==> flow/design.v <==
module sync_adder #(
    parameter BITS = 18
) (
    input wire aclk,
    input wire i_rst,
    input wire valid,
    input wire [BITS-1:0] u_i,
    input wire [BITS-1:0] v_i,
    input wire [BITS-1:0] w_i,
    output reg [BITS+1:0] q_o
);
    reg [BITS-1:0] r_u;
    reg [BITS-1:0] r_v;
    reg [BITS-1:0] r_w;
    reg [BITS:0] r_tmp;
    reg [BITS-1:0] r_w_d;
    always @(posedge aclk or posedge i_rst) begin
        if (i_rst) begin
            r_u <= 0;
            r_v <= 0;
            r_w <= 0;
            r_tmp <= 0;
            r_w_d <= 0;
            q_o <= 0;
        end else if (valid) begin
            r_u <= u_i;
            r_v <= v_i;
            r_w <= w_i;
            r_tmp <= r_u + r_v;
            r_w_d <= r_w;
            q_o <= r_tmp + r_w_d;
        end
    end
endmodule
Step by step through the tools: sync_adder
What the tools print for sync_adder, step after step.
Line numbers count from 1 in the design file above.
{ "design": {"design": "sync_adder", "clock": "aclk", "library": "sky130hd", "lib_corner": "tt_025C_1v80"} }

After elaboration
Source: Yosys, flattened and elaborated, memories not mapped. Widths are those after wreduce; folded enables and synchronous resets count as part of the registers. Registers that Yosys merges into a memory's read port (data or address) are not register bits. Print and check cells do not count. Equal cells are merged and count once.
{ "word_totals": {"output_inout_bits": 20, "reg_bits": 111, "in_bits": 57, "wordCells": 8} }
{ "op_classes": {"add_sub_neg": 2} }
{ "ops": {"columns": ["operator", "n"], "rows": [
  ["adder 19 x 18 -> 20 bit", 1],
  ["adder 18 x 18 -> 19 bit", 1]
]} }

Longest topological paths
Depth = most cells in a row (Yosys ltp): at word level without a register or memory, in the mapped netlist without a sequential cell, where the memories' decode and read muxes count.
{ "depth": {"depth_word": 1, "abc_area": 0, "ltp_mapped": 9, "mapped_depth_nobuf": 9} }

Netlist
Yosys stat after the flow's synthesis: flattened, memories mapped to cells. It holds for the ABC_AREA given above (unset counts as 0); a run with the other value may have another netlist.
Totals and module areas in this step are rounded.
{ "synth_totals": {"mapped_cells": 482, "flip_flops": 111, "buffers": 15, "area_um2": 5800} }
{ "by_type": {"columns": ["cell", "n"], "rows": [
  ["sky130_fd_sc_hd__dfrtp_1", 111],
  ["sky130_fd_sc_hd__mux2_2", 91],
  ["sky130_fd_sc_hd__ha_1", 36],
  ["sky130_fd_sc_hd__a21o_1", 18],
  ["sky130_fd_sc_hd__a21oi_1", 26],
  ["sky130_fd_sc_hd__xnor2_1", 14],
  ["sky130_fd_sc_hd__nor2_1", 23],
  ["sky130_fd_sc_hd__xor2_1", 9],
  ["sky130_fd_sc_hd__o21ai_0", 14],
  ["sky130_fd_sc_hd__a211oi_1", 9],
  ["sky130_fd_sc_hd__nand2_1", 17],
  ["sky130_fd_sc_hd__o21a_1", 7],
  ["sky130_fd_sc_hd__a211o_1", 5],
  ["sky130_fd_sc_hd__fa_1", 2],
  ["sky130_fd_sc_hd__clkbuf_1", 10],
  ["sky130_fd_sc_hd__nor2b_1", 6],
  ["sky130_fd_sc_hd__o211ai_2", 3],
  ["sky130_fd_sc_hd__o21bai_1", 5]
]} }
Other cell types: 33; their cells: 76.

Worst setup path after synthesis
Source: OpenSTA report_checks on the synthesized netlist (no wires, ideal clock, input and output delay 20% of the period each), path of least setup slack; recovery checks are left aside. Register names are those of the netlist, which keeps one name where synthesis merged equal registers.
{ "synth_path": {"kind": "reg-to-reg", "startpoint": "register r_tmp[0]", "endpoint": "register q_o[18]", "setup_time_ns": 0.127, "path_stages": 9, "t_arrival_ns": 2.189, "clock_period_ns": 2.89, "path_buffers": 0, "path_slack_ns": 0.574, "required_time_ns": 2.763, "launch_ns": 0.000, "delay_ns": 2.316, "synth_period_reached_ns": 2.316} }
"delay_ns" = arrival - input delay + setup time.
"path_stages": output pins that drive a net of the path, with the launching flip-flop's if there is one; two outputs of one cell count as two.
"synth_period_reached_ns" = period - worst setup slack (recovery checks aside). The figure is calculated, with input and output delays left at 20% of the set period.
Between the ends stands the longest chain of elaborated cells between them, by number of cells; it is not shown to be the way that was timed. Of several equally long chains one is given.
Each line given opens the expression or statement behind the cell; cells for indexed reads and writes are added by Yosys, which also makes memories of some case tables.
{ "synth_between": {"cell_sequence": "sky130_fd_sc_hd__dfrtp_1 > sky130_fd_sc_hd__ha_1 > sky130_fd_sc_hd__fa_1 > sky130_fd_sc_hd__a21o_1 > sky130_fd_sc_hd__a221o_1 > sky130_fd_sc_hd__a21o_1 > sky130_fd_sc_hd__a211oi_1 > sky130_fd_sc_hd__mux2i_1 > sky130_fd_sc_hd__nand3_1", "elab_chain_len": 1, "cone_cells": 1, "lines_between": 1} }
{ "synth_lines": {"columns": ["item", "line_no", "rtl"], "rows": [
  ["start, declared", 15, "reg [BITS:0] r_tmp;"],
  ["start, assigned", 22, "r_tmp <= 0;"],
  ["start, assigned", 29, "r_tmp <= r_u + r_v;"],
  ["adder 19 x 18 -> 20 bit", 31, "q_o <= r_tmp + r_w_d;"],
  ["end, assigned", 24, "q_o <= 0;"],
  ["end, assigned", 31, null],
  ["end, declared", 10, "output reg [BITS+1:0] q_o"]
]} }

Worst path after layout
Path of least setup slack in the final report of run 1 (OpenROAD, finished layout, wires in). Where an end is a register, its clock arrival counts in the times.
{ "layout_path": {"kind": "reg-to-reg", "startpoint": "register r_tmp[0]", "endpoint": "register q_o[18]", "path_buffers": 0, "launch_ns": 0.35, "setup_time_ns": 0.11, "path_stages": 9, "required_time_ns": 3.12, "clock_period_ns": 2.89, "t_arrival_ns": 2.82, "path_slack_ns": 0.30} }
Between the ends stands the longest chain of elaborated cells between them, by number of cells; it is not shown to be the way that was timed. Of several equally long chains one is given.
{ "layout_between": {"cell_sequence": "sky130_fd_sc_hd__dfrtp_1 > sky130_fd_sc_hd__ha_1 > sky130_fd_sc_hd__fa_1 > sky130_fd_sc_hd__a21o_1 > sky130_fd_sc_hd__a221o_1 > sky130_fd_sc_hd__a21o_1 > sky130_fd_sc_hd__a211oi_1 > sky130_fd_sc_hd__mux2i_1 > sky130_fd_sc_hd__nand3_1", "elab_chain_len": 1, "cone_cells": 1, "lines_between": 1} }
{ "layout_lines": {"columns": ["item", "line_no", "rtl"], "rows": [
  ["start, declared", 15, "reg [BITS:0] r_tmp;"],
  ["start, assigned", 22, "r_tmp <= 0;"],
  ["start, assigned", 29, "r_tmp <= r_u + r_v;"],
  ["adder 19 x 18 -> 20 bit", 31, "q_o <= r_tmp + r_w_d;"],
  ["end, assigned", 24, "q_o <= 0;"],
  ["end, assigned", 31, null],
  ["end, declared", 10, "output reg [BITS+1:0] q_o"]
]} }

Hand-over note for sync_adder

sync_adder through Yosys and OpenROAD on sky130hd: 2 stored runs, unordered, with their settings and measured results. The constraints put input and output delay at 20% of the set period each and load the outputs with 0.01 pF.
"clock_period_reached_ns" = clock period - worst setup slack. The figure is calculated, with input and output delays left at 20% of the set period.
"worst_path_allowed_less_slack_ns" means the part of the period allowed to the worst setup path (the constraints hold back 20% at inputs and 20% at outputs) less its slack; where the path has registers, the arrival times of their clocks count too.
The measured numbers are rounded.
[
  {
    "run": "run 1",
    "settings": { "period_ns": 2.89, "CAP_MARGIN": 20, "CORE_MARGIN": 2, "CORE_UTILIZATION": 40, "SLEW_MARGIN": 20 },
    "results": { "ys_area_um2": 5800, "holdWs_ns": 0.49, "worst_path_allowed_less_slack_ns": 2.59, "worst_path_kind": "reg-to-reg", "post_route_stdcell_area_um2": 7100, "setup_ws_ns": 0.30, "total_negative_slack_ns": 0.000, "die_footprint_um2": 16000, "clock_period_reached_ns": 2.588 }
  },
  {
    "run": "run 2",
    "settings": { "period_ns": 2.84, "CORE_UTILIZATION": 71, "PLACE_DENSITY_LB_ADDON": 0.06, "CORE_ASPECT_RATIO": 0.7, "CELL_PAD_IN_SITES_GLOBAL_PLACEMENT": 1, "TNS_END_PERCENT": 95, "ABC_AREA": 0, "GPL_ROUTABILITY_DRIVEN": 0, "CTS_CLUSTER_SIZE": 62, "CAP_MARGIN": 20, "CORE_MARGIN": 2, "SLEW_MARGIN": 20 },
    "outcome": "did not finish, placement stopped with FLW-0024"
  }
]

End of note.
